==> flow/design.v <==
module u_compare #(
  parameter int DWIDTH = 128
) (
  input logic sys_clk,
  input logic [DWIDTH-1:0] u,
  input logic [DWIDTH-1:0] v,
  output logic [DWIDTH-1:0] min_o,
  output logic [DWIDTH-1:0] high
);
  logic [DWIDTH-1:0] r_u;
  logic [DWIDTH-1:0] r_v;
  always_ff @(posedge sys_clk) begin
    r_u <= u;
    r_v <= v;
  end
  logic val;
  assign val = r_u < r_v;
  assign min_o = val ? r_u : r_v;
  assign high = val ? r_v : r_u;
endmodule
## Step by step through the tools: u_compare

Tool output for the design above, in the order of the flow.
Lines are those of the file above, counted from 1.
Operators: Yosys type, input widths -> output width; for muxes data width and select width s.
Cell names lack the library's common part.
A cell with - has no value.

- Top: u_compare
- Clock port: sys_clk
- Library: sky130hd
- Library corner: tt_025C_1v80

## Elaborated design

Counts by Yosys on the flattened word-level netlist (proc, flatten, opt, wreduce; memories kept). Register bits leave out memories and registers merged into their read ports (data or address); mux counts leave out enables and synchronous resets folded into registers. Print and check cells are left out. Cells with the same type and inputs are merged into one.

- Magnitude comparators: 1
- Mux-type cells: 2

Operator list:

| operator | count |
|---|---|
| $mux 128 | 2 |
| $lt 128x128->1 | 1 |

- Register bits: 256
- Input port bits: 257
- Output and inout port bits: 256
- Cells after elaboration: 5

## Longest topological paths

Longest topological path by Yosys (ltp), each cell counted once; first at word level (registers and memories cut), then after technology mapping (sequential cells cut; the memories' decode and read muxes count).

- Depth in word-level cells: 2
- ABC_AREA: 0
- Mapped depth: 13
- Mapped depth without buffers: 9

## Mapped cells and area

Source: synth_stat.txt of the flow (Yosys; design flattened, memories mapped). It holds for the ABC_AREA given above (unset counts as 0); a run with the other value may have another netlist.

- Mapped cells: 2,095
- Synthesis area: 16,562.1 sq um
- Area of sequential cells: 5,124.9 sq um
- Flip-flops: 256
- Buffer cells: 227

Cell types:

| cell | count | total area (sq um) |
|---|---|---|
| dfxtp_1 | 256 | 5.12E+03 |
| o211ai_1 | 349 | 2.62E+03 |
| and3_1 | 258 | 1.61E+03 |
| ha_1 | 127 | 1.59E+03 |
| nand2_1 | 418 | 1.57E+03 |
| o311ai_1 | 126 | 1.1E+03 |
| clkbuf_1 | 181 | 679.402 |
| o211ai_2 | 40 | 500.48 |
| inv_1 | 130 | 487.968 |
| a21oi_1 | 47 | 235.226 |
| buf_6 | 16 | 180.173 |
| nand4_1 | 21 | 131.376 |
| buf_1 | 28 | 105.101 |
| o21ai_0 | 16 | 80.077 |
| nand3_1 | 14 | 70.067 |
| a21o_1 | 7 | 52.55 |
| nor2_1 | 12 | 45.043 |
| nor4_1 | 6 | 37.536 |

Not listed: further types 25, cells in them 43.

## Timing after synthesis

Path of least setup slack by OpenSTA after synthesis, without wires, with an ideal clock, recovery checks aside; 20% of the period is set as input and as output delay. Where synthesis merged equal registers, the netlist keeps one of their names.

- Kind: reg2out
- Start: register r_v[65]
- End: output high[127]
- Clock period: 4.68 ns
- External output delay: 0.936 ns
- Time at the first pin: 0.000 ns
- Arrival time: 2.995 ns
- Required time: 3.744 ns
- Path slack: 0.749 ns
- Delay of the path: 2.995 ns
- Stages: 13
- Buffers on the path: 3
- Synthesis period reached: 3.931 ns

"delay of the path" is the arrival time less input delay plus setup time.
At an output port there is no setup time.
"stages" counts driving pins, that of a launching flip-flop among them; a cell with two outputs on the path counts twice.
"synthesis period reached" = period - worst setup slack (recovery checks aside). The figure is calculated, with input and output delays left at 20% of the set period.
The rows between start and end are the longest chain of elaborated cells between them; the timing report does not say that the signal goes this way. Where chains are equally long, one stands for them.
Each line given opens the expression or statement behind the cell; cells for indexed reads and writes are added by Yosys, which also makes memories of some case tables.

- Path through: dfxtp_1 -> inv_1 -> ha_1 -> a21oi_1 -> o21ai_1 -> a22o_1 -> a2111oi_2 -> or4b_1 -> clkbuf_1 -> o2111a_1 -> buf_2 -> buf_6 -> o311ai_1
- Length of the longest elaborated chain: 2
- Elaborated cells on any way between the ends: 2
- Source lines of those cells: 2
- Those cells by class: compare (1); mux (1)

Ends and longest elaborated chain, after synthesis:

| what | RTL line | text |
|---|---|---|
| from (decl) | 11 | `logic [DWIDTH-1:0] r_v;` |
| from (assign) | 14 | `r_v <= v;` |
| $lt 128x128->1 | 17 | `assign val = r_u < r_v;` |
| $mux 128 | 19 | `assign high = val ? r_v : r_u;` |
| to (decl) | 8 | `output logic [DWIDTH-1:0] high` |

## Path in the finished layout

Path of least setup slack in the final report of flow run A (OpenROAD, finished layout, wires in). Where an end is a register, its clock arrival counts in the times.

- Kind: reg2out
- Start: register r_u[71]
- End: output high[1]
- Clock period: 4.68 ns
- External output delay: 0.94 ns
- Time at the first pin: 0.58 ns
- Arrival time: 3.91 ns
- Required time: 3.74 ns
- Path slack: -0.16 ns
- Stages: 13
- Buffers on the path: 4

The rows between start and end are the longest chain of elaborated cells between them; the timing report does not say that the signal goes this way. Where chains are equally long, one stands for them.

- Path through: dfxtp_4 -> ha_4 -> nand4_1 -> nor4_4 -> a22o_1 -> a2111oi_4 -> buf_4 -> or4b_4 -> o2111a_4 -> buf_12 -> clkbuf_16 -> o311ai_4 -> buf_6
- Length of the longest elaborated chain: 2
- Elaborated cells on any way between the ends: 2
- Source lines of those cells: 2
- Those cells by class: compare (1); mux (1)

Ends and longest elaborated chain, after layout:

| what | RTL line | text |
|---|---|---|
| from (decl) | 10 | `logic [DWIDTH-1:0] r_u;` |
| from (assign) | 13 | `r_u <= u;` |
| $lt 128x128->1 | 17 | `assign val = r_u < r_v;` |
| $mux 128 | 19 | `assign high = val ? r_v : r_u;` |
| to (decl) | 8 | `output logic [DWIDTH-1:0] high` |

# Flow runs of u_compare

Flow measurements of u_compare on sky130hd: 3 stored runs with different settings, listed in no order. Input and output delays are each 20% of the period that was set; the output load is 0.01 pF.
"period achieved" means the clock period less the worst setup slack. The figure is calculated, with input and output delays left at 20% of the set period.
By "critical path time" is meant the share of the clock period that the worst setup path is allowed (20% is reserved at inputs, 20% at outputs), minus its slack. Clock arrival times at its registers enter into it.
"power consumption" is the tool's figure for a default switching activity; nothing was simulated.

### Flow run A

==> flow/run.sh <==
#!/bin/bash
# the make line also repeats the synthesis and layout settings of config.mk as NAME=value (left out here)
make -C /OpenROAD-flow-scripts/flow DESIGN_CONFIG=/design/flow/config.mk WORK_HOME=/design/flow/orfs CLKGATE_MAP_FILE= finish
==> flow/config.mk <==
export PLATFORM = sky130hd
export DESIGN_NAME = u_compare
export DESIGN_NICKNAME = u_compare
export VERILOG_FILES = /design/flow/design.v
export SDC_FILE = /design/flow/constraint.sdc
export NUM_CORES = 4
export LEC_CHECK = 0
export CAP_MARGIN = 20
export CORE_MARGIN = 2
export CORE_UTILIZATION = 40
export SLEW_MARGIN = 20
==> flow/constraint.sdc <==
create_clock -name core_clock -period 4.68 [get_ports {sys_clk}]
set_input_delay 0.9360 -clock core_clock [delete_from_list [all_inputs] [get_ports {sys_clk}]]
set_output_delay 0.9360 -clock core_clock [all_outputs]
set_load 0.01 [all_outputs]

Results of flow run A:
- Period achieved: 4.842 ns
- Setup TNS: -7.038 ns
- Chip area after synthesis (Yosys): 16,562.1 sq um
- Std-cell area (final layout): 27,581.5 sq um
- Power consumption: 7.714 mW
- Critical path time: 3.91 ns
- Kind of the worst setup path: reg2out
- Worst setup slack after layout: -0.162 ns
- Overall die area: 43,050.0 sq um
- Worst hold slack in the final report: 0.771 ns

### Flow run B

==> flow/run.sh <==
#!/bin/bash
# the make line also repeats the synthesis and layout settings of config.mk as NAME=value (left out here)
make -C /OpenROAD-flow-scripts/flow DESIGN_CONFIG=/design/flow/config.mk WORK_HOME=/design/flow/orfs CLKGATE_MAP_FILE= finish
==> flow/config.mk <==
export PLATFORM = sky130hd
export DESIGN_NAME = u_compare
export DESIGN_NICKNAME = u_compare
export VERILOG_FILES = /design/flow/design.v
export SDC_FILE = /design/flow/constraint.sdc
export NUM_CORES = 4
export LEC_CHECK = 0
export ABC_AREA = 1
export CAP_MARGIN = 20
export CELL_PAD_IN_SITES_DETAIL_PLACEMENT = 2
export CELL_PAD_IN_SITES_GLOBAL_PLACEMENT = 2
export CORE_MARGIN = 7
export CORE_UTILIZATION = 62
export GPL_ROUTABILITY_DRIVEN = 0
export GPL_TIMING_DRIVEN = 1
export MIN_ROUTING_LAYER = met2
export PLACE_DENSITY_LB_ADDON = 0.09
export SETUP_SLACK_MARGIN = 1.04
export SLEW_MARGIN = 20
==> flow/constraint.sdc <==
create_clock -name core_clock -period 4.0 [get_ports {sys_clk}]
set_input_delay 0.8000 -clock core_clock [delete_from_list [all_inputs] [get_ports {sys_clk}]]
set_output_delay 0.8000 -clock core_clock [all_outputs]
set_load 0.01 [all_outputs]

Outcome of flow run B: unfinished; error FLW-0024 in placement

### Flow run C

==> flow/run.sh <==
#!/bin/bash
# the make line also repeats the synthesis and layout settings of config.mk as NAME=value (left out here)
make -C /OpenROAD-flow-scripts/flow DESIGN_CONFIG=/design/flow/config.mk WORK_HOME=/design/flow/orfs CLKGATE_MAP_FILE= finish
==> flow/config.mk <==
export PLATFORM = sky130hd
export DESIGN_NAME = u_compare
export DESIGN_NICKNAME = u_compare
export VERILOG_FILES = /design/flow/design.v
export SDC_FILE = /design/flow/constraint.sdc
export NUM_CORES = 4
export LEC_CHECK = 0
export CAP_MARGIN = 20
export CELL_PAD_IN_SITES_GLOBAL_PLACEMENT = 2
export CORE_ASPECT_RATIO = 0.69
export CORE_MARGIN = 2
export CORE_UTILIZATION = 37
export MAX_ROUTING_LAYER = met4
export MIN_ROUTING_LAYER = met1
export SLEW_MARGIN = 40
==> flow/constraint.sdc <==
create_clock -name core_clock -period 4.3 [get_ports {sys_clk}]
set_input_delay 0.8600 -clock core_clock [delete_from_list [all_inputs] [get_ports {sys_clk}]]
set_output_delay 0.8600 -clock core_clock [all_outputs]
set_load 0.01 [all_outputs]

Results of flow run C:
- Period achieved: 4.769 ns
- Setup TNS: -73.564 ns
- Chip area after synthesis (Yosys): 16,562.1 sq um
- Std-cell area (final layout): 30,321.6 sq um
- Power consumption: 8.989 mW
- Critical path time: 3.91 ns
- Kind of the worst setup path: reg2out
- Worst setup slack after layout: -0.469 ns
- Overall die area: 46,500.0 sq um
- Worst hold slack in the final report: 0.698 ns
